==> flow/design.v <==
module sync_plus_n #(
    parameter int WD = 18,
    parameter int NIN = 24,
    parameter int SUM_W = WD + $clog2(NIN)
) (
    input  logic CLK,
    input  logic [NIN*WD-1:0] bus,
    output logic [SUM_W-1:0] q
);
    wire [SUM_W-1:0] lvl [1:2*NIN-1];
    generate
        for (genvar i = 0; i < NIN; i++) begin : u_g
            assign lvl[NIN+i] = bus[i*WD +: WD];
        end
        for (genvar i = 1; i < NIN; i++) begin : blk
            assign lvl[i] = lvl[2*i] + lvl[2*i+1];
        end
    endgenerate
    always_ff @(posedge CLK)
        q <= lvl[1];
endmodule
# From RTL to reports: sync_plus_n
# Tool output for the design above, in the order of the flow.
# Line numbers count from 1 in the design file above.
# Operators: Yosys type, input widths -> output width; for muxes data width and select width s.
setup:
  design: "sync_plus_n"
  clk_port: "CLK"
  cell_library: "sky130hd"
  pvt_corner: "tt_025C_1v80"

# Elaborated design
# Yosys after proc, flatten, opt, wreduce and memory -nomap, before mapping. Enables and synchronous resets that opt folds into registers are not counted as muxes. Memory bits, and registers merged into a memory's read port (data or address), are not among the register bits. Print and check cells are not counted. Equal cells are merged and count once.
op_classes:
  addsub: 23
ops:
  columns: ["operator", "count"]
  rows:
  - ["$add 23x23->23", 11]
  - ["$add 18x18->19", 12]
word_totals:
  ff_bits: 23
  in_bits: 433
  output_inout_bits: 23
  wordCells: 24

# Logic depth
# Yosys ltp: most cells in a row. Word level: on the elaborated netlist, between registers, memories and ports. Mapped: between sequential cells and ports; inverters and the memories' decode and read muxes count.
depth:
  depth_word: 5
  abc_area: 1
  depth_mapped: 32
  mapped_depth_nobuf: 32

# Netlist
# Source: synth_stat.txt of the flow (Yosys; design flattened, memories mapped). It holds for the ABC_AREA given above (unset counts as 0); a run with the other value may have another netlist.
# Totals and module areas in this step are rounded.
types:
  columns: ["cell", "count", "type_area_um2"]
  rows:
  - ["sky130_fd_sc_hd__fa_1", 199, 3.98E+03]
  - ["sky130_fd_sc_hd__nand2_1", 935, 3.51E+03]
  - ["sky130_fd_sc_hd__ha_1", 244, 3.05E+03]
  - ["sky130_fd_sc_hd__inv_1", 533, 2E+03]
  - ["sky130_fd_sc_hd__a21oi_1", 224, 1.12E+03]
  - ["sky130_fd_sc_hd__nand3_1", 151, 755.725]
  - ["sky130_fd_sc_hd__nor2_1", 181, 679.402]
  - ["sky130_fd_sc_hd__xor2_1", 74, 648.122]
  - ["sky130_fd_sc_hd__dfxtp_1", 23, 460.442]
  - ["sky130_fd_sc_hd__o21ai_0", 70, 350.336]
  - ["sky130_fd_sc_hd__xnor2_1", 31, 271.51]
  - ["sky130_fd_sc_hd__nor3_1", 35, 175.168]
  - ["sky130_fd_sc_hd__nand3_2", 16, 160.154]
  - ["sky130_fd_sc_hd__nand2_2", 23, 143.888]
  - ["sky130_fd_sc_hd__nand3b_1", 16, 120.115]
  - ["sky130_fd_sc_hd__and2_1", 17, 106.352]
  - ["sky130_fd_sc_hd__a21o_1", 12, 90.086]
  - ["sky130_fd_sc_hd__o21bai_1", 12, 90.086]
# Other cell types: 10; their cells: 42.
mapped:
  cell_count: 2838
  mapped_area_um2: 18100
  sequential_area_um2: 460
  ffs: 23
  buf_cells: 0

# Worst setup path after synthesis
# Source: OpenSTA report_checks on the synthesized netlist (no wires, ideal clock, input and output delay 20% of the period each), path of least setup slack; recovery checks are left aside. Register names are those of the netlist, which keeps one name where synthesis merged equal registers.
synth_path:
  path_type: "input port to flip-flop"
  from: "input port bus[288]"
  to: "register q[19]"
  clock_period_ns: 9.39
  in_delay_ns: 1.878
  setup_ns: 0.112
  launch_ns: 1.878
  arrival_ns: 6.608
  required_time_ns: 9.278
  path_slack_ns: 2.670
  delay_ns: 4.842
  driving_pins: 26
  path_buffers: 0
  synth_period_reached_ns: 6.72
# "delay_ns" = arrival - input delay + setup time.
# "driving_pins": output pins that drive a net of the path, with the launching flip-flop's if there is one; two outputs of one cell count as two.
# "synth_period_reached_ns" is the clock period less the worst setup slack; recovery checks do not enter. This is arithmetic on one report: input and output delays are still those of the set period (20% each).
# The rows between start and end are the longest chain of elaborated cells between them; the timing report does not say that the signal goes this way. Where chains are equally long, one stands for them.
# Each line given opens the expression or statement behind the cell; cells for indexed reads and writes are added by Yosys, which also makes memories of some case tables.
synth_via:
  cell_sequence: "sky130_fd_sc_hd__ha_1 sky130_fd_sc_hd__inv_1 sky130_fd_sc_hd__fa_1 sky130_fd_sc_hd__o21ai_2 sky130_fd_sc_hd__nand2_1 sky130_fd_sc_hd__nand2_2 sky130_fd_sc_hd__nand2_1 sky130_fd_sc_hd__nand3b_1 sky130_fd_sc_hd__nand2_1 sky130_fd_sc_hd__fa_1 sky130_fd_sc_hd__fa_1 sky130_fd_sc_hd__inv_1 sky130_fd_sc_hd__fa_1 sky130_fd_sc_hd__fa_1 sky130_fd_sc_hd__inv_1 sky130_fd_sc_hd__fa_1 sky130_fd_sc_hd__inv_1 sky130_fd_sc_hd__ha_1 sky130_fd_sc_hd__nand2_2 sky130_fd_sc_hd__inv_1 sky130_fd_sc_hd__a21oi_2 sky130_fd_sc_hd__nand3_2 sky130_fd_sc_hd__nand2_1 sky130_fd_sc_hd__nand2_1 sky130_fd_sc_hd__nand2_1 sky130_fd_sc_hd__nand2_1"
  elab_chain_len: 5
  cone_cells: 5
  lines_between: 1
  cone_classes: "5 x add/sub"
synth_rtl:
  columns: ["item", "line_no", "text"]
  rows:
  - ["from (decl)", 7, "input  logic [NIN*WD-1:0] bus,"]
  - ["$add 18x18->19", 16, "assign lvl[i] = lvl[2*i] + lvl[2*i+1];"]
  - ["$add 23x23->23 (4 in a row)", 16, null]
  - ["to (assign)", 20, "q <= lvl[1];"]
  - ["to (decl)", 8, "output logic [SUM_W-1:0] q"]

# Path in the finished layout
# Path of least setup slack in the final report of stored run 1 (OpenROAD, finished layout, wires in). Where an end is a register, its clock arrival counts in the times.
layout_path:
  path_type: "input port to flip-flop"
  from: "input port bus[270]"
  to: "register q[18]"
  clock_period_ns: 5.11
  in_delay_ns: 1.02
  setup_ns: 0.05
  launch_ns: 1.02
  arrival_ns: 6.73
  required_time_ns: 5.32
  path_slack_ns: -1.41
  driving_pins: 26
  path_buffers: 4
# The rows between start and end are the longest chain of elaborated cells between them; the timing report does not say that the signal goes this way. Where chains are equally long, one stands for them.
layout_via:
  cell_sequence: "sky130_fd_sc_hd__buf_2 sky130_fd_sc_hd__ha_4 sky130_fd_sc_hd__buf_4 sky130_fd_sc_hd__buf_4 sky130_fd_sc_hd__nand3_1 sky130_fd_sc_hd__nand3_2 sky130_fd_sc_hd__buf_4 sky130_fd_sc_hd__xor2_1 sky130_fd_sc_hd__fa_1 sky130_fd_sc_hd__inv_1 sky130_fd_sc_hd__fa_1 sky130_fd_sc_hd__inv_1 sky130_fd_sc_hd__fa_1 sky130_fd_sc_hd__fa_1 sky130_fd_sc_hd__fa_2 sky130_fd_sc_hd__inv_1 sky130_fd_sc_hd__fa_2 sky130_fd_sc_hd__inv_2 sky130_fd_sc_hd__nand3_2 sky130_fd_sc_hd__nand3_2 sky130_fd_sc_hd__nand2_2 sky130_fd_sc_hd__nand2_4 sky130_fd_sc_hd__nand2_1 sky130_fd_sc_hd__nand2_1 sky130_fd_sc_hd__nand2_1 sky130_fd_sc_hd__nand2_1"
  elab_chain_len: 5
  cone_cells: 5
  lines_between: 1
  cone_classes: "5 x add/sub"
layout_rtl:
  columns: ["item", "line_no", "text"]
  rows:
  - ["from (decl)", 7, "input  logic [NIN*WD-1:0] bus,"]
  - ["$add 18x18->19", 16, "assign lvl[i] = lvl[2*i] + lvl[2*i+1];"]
  - ["$add 23x23->23 (4 in a row)", 16, null]
  - ["to (assign)", 20, "q <= lvl[1];"]
  - ["to (decl)", 8, "output logic [SUM_W-1:0] q"]

Lab notebook: sync_plus_n

Measured results for sync_plus_n: 3 stored runs of the Yosys and OpenROAD flow on sky130hd. The settings differ; the order carries no meaning. The constraints put input and output delay at 20% of the set period each and load the outputs with 0.01 pF.
"period_less_ws_ns" is the run's clock period less its worst setup slack. It is reckoned from that one timing run; input and output delays stay at 20% of the period that was set.
"timing.worst_path_ns" is the time allowed to the run's worst setup path (the clock period less input and output delay, where it has them) less its slack. Clock arrival times count: a late capture clock shortens it, a late launch clock lengthens it.
Results are given in rounded form.

--- stored run 1 ---
==> flow/run.sh <==
#!/bin/bash
# the make line also repeats the synthesis and layout settings of config.mk as NAME=value (left out here)
make -C /OpenROAD-flow-scripts/flow DESIGN_CONFIG=/design/flow/config.mk WORK_HOME=/design/flow/orfs CLKGATE_MAP_FILE= finish
==> flow/config.mk <==
export PLATFORM = sky130hd
export DESIGN_NAME = sync_plus_n
export DESIGN_NICKNAME = sync_plus_n
export VERILOG_FILES = /design/flow/design.v
export SDC_FILE = /design/flow/constraint.sdc
export NUM_CORES = 4
export LEC_CHECK = 0
export ABC_AREA = 1
export CAP_MARGIN = 20
export CELL_PAD_IN_SITES_DETAIL_PLACEMENT = 1
export CELL_PAD_IN_SITES_GLOBAL_PLACEMENT = 0
export CORE_ASPECT_RATIO = 0.94
export CORE_MARGIN = 2
export CORE_UTILIZATION = 35
export GPL_TIMING_DRIVEN = 1
export MIN_ROUTING_LAYER = met1
export PLACE_DENSITY = 0.45
export SETUP_SLACK_MARGIN = -0.39
export SLEW_MARGIN = 25
==> flow/constraint.sdc <==
create_clock -name core_clock -period 5.11 [get_ports {CLK}]
set_input_delay 1.0220 -clock core_clock [delete_from_list [all_inputs] [get_ports {CLK}]]
set_output_delay 1.0220 -clock core_clock [all_outputs]
set_load 0.01 [all_outputs]

==> results, as YAML <==
results:
  timing.worst_path_ns: 5.50
  timing.worst_path_kind: "input port to flip-flop"
  layout_stdcell_area_um2: 32800
  timing.setup.ws_ns: -1.41
  total_negative_slack_ns: -24.2
  synthesis_area_um2: 18100
  period_less_ws_ns: 6.521
  layout_utilization_pct: 64.5
  hold_ws_ns: 1.94
  dieArea_um2: 53400

--- stored run 2 ---
==> flow/run.sh <==
#!/bin/bash
# the make line also repeats the synthesis and layout settings of config.mk as NAME=value (left out here)
make -C /OpenROAD-flow-scripts/flow DESIGN_CONFIG=/design/flow/config.mk WORK_HOME=/design/flow/orfs CLKGATE_MAP_FILE= finish
==> flow/config.mk <==
export PLATFORM = sky130hd
export DESIGN_NAME = sync_plus_n
export DESIGN_NICKNAME = sync_plus_n
export VERILOG_FILES = /design/flow/design.v
export SDC_FILE = /design/flow/constraint.sdc
export NUM_CORES = 4
export LEC_CHECK = 0
export CAP_MARGIN = 20
export CORE_MARGIN = 2
export CORE_UTILIZATION = 40
export SLEW_MARGIN = 20
==> flow/constraint.sdc <==
create_clock -name core_clock -period 9.39 [get_ports {CLK}]
set_input_delay 1.8780 -clock core_clock [delete_from_list [all_inputs] [get_ports {CLK}]]
set_output_delay 1.8780 -clock core_clock [all_outputs]
set_load 0.01 [all_outputs]

==> results, as YAML <==
results:
  timing.worst_path_ns: 6.72
  timing.worst_path_kind: "input port to flip-flop"
  layout_stdcell_area_um2: 20800
  timing.setup.ws_ns: 0.793
  total_negative_slack_ns: 0.000
  synthesis_area_um2: 15500
  period_less_ws_ns: 8.597
  layout_utilization_pct: 54.1
  hold_ws_ns: 2.84
  dieArea_um2: 40400

--- stored run 3 ---
==> flow/run.sh <==
#!/bin/bash
# the make line also repeats the synthesis and layout settings of config.mk as NAME=value (left out here)
make -C /OpenROAD-flow-scripts/flow DESIGN_CONFIG=/design/flow/config.mk WORK_HOME=/design/flow/orfs CLKGATE_MAP_FILE= finish
==> flow/config.mk <==
export PLATFORM = sky130hd
export DESIGN_NAME = sync_plus_n
export DESIGN_NICKNAME = sync_plus_n
export VERILOG_FILES = /design/flow/design.v
export SDC_FILE = /design/flow/constraint.sdc
export NUM_CORES = 4
export LEC_CHECK = 0
export CAP_MARGIN = 20
export CELL_PAD_IN_SITES_DETAIL_PLACEMENT = 2
export CORE_ASPECT_RATIO = 1.25
export CORE_MARGIN = 7
export CORE_UTILIZATION = 61
export CTS_CLUSTER_DIAMETER = 74
export GPL_TIMING_DRIVEN = 1
export MAX_ROUTING_LAYER = met4
export PLACE_DENSITY_LB_ADDON = 0.11
export SLEW_MARGIN = 20
==> flow/constraint.sdc <==
create_clock -name core_clock -period 14.0 [get_ports {CLK}]
set_input_delay 2.8000 -clock core_clock [delete_from_list [all_inputs] [get_ports {CLK}]]
set_output_delay 2.8000 -clock core_clock [all_outputs]
set_load 0.01 [all_outputs]

==> results, as YAML <==
outcome: "did not finish, placement stopped with a tool error"
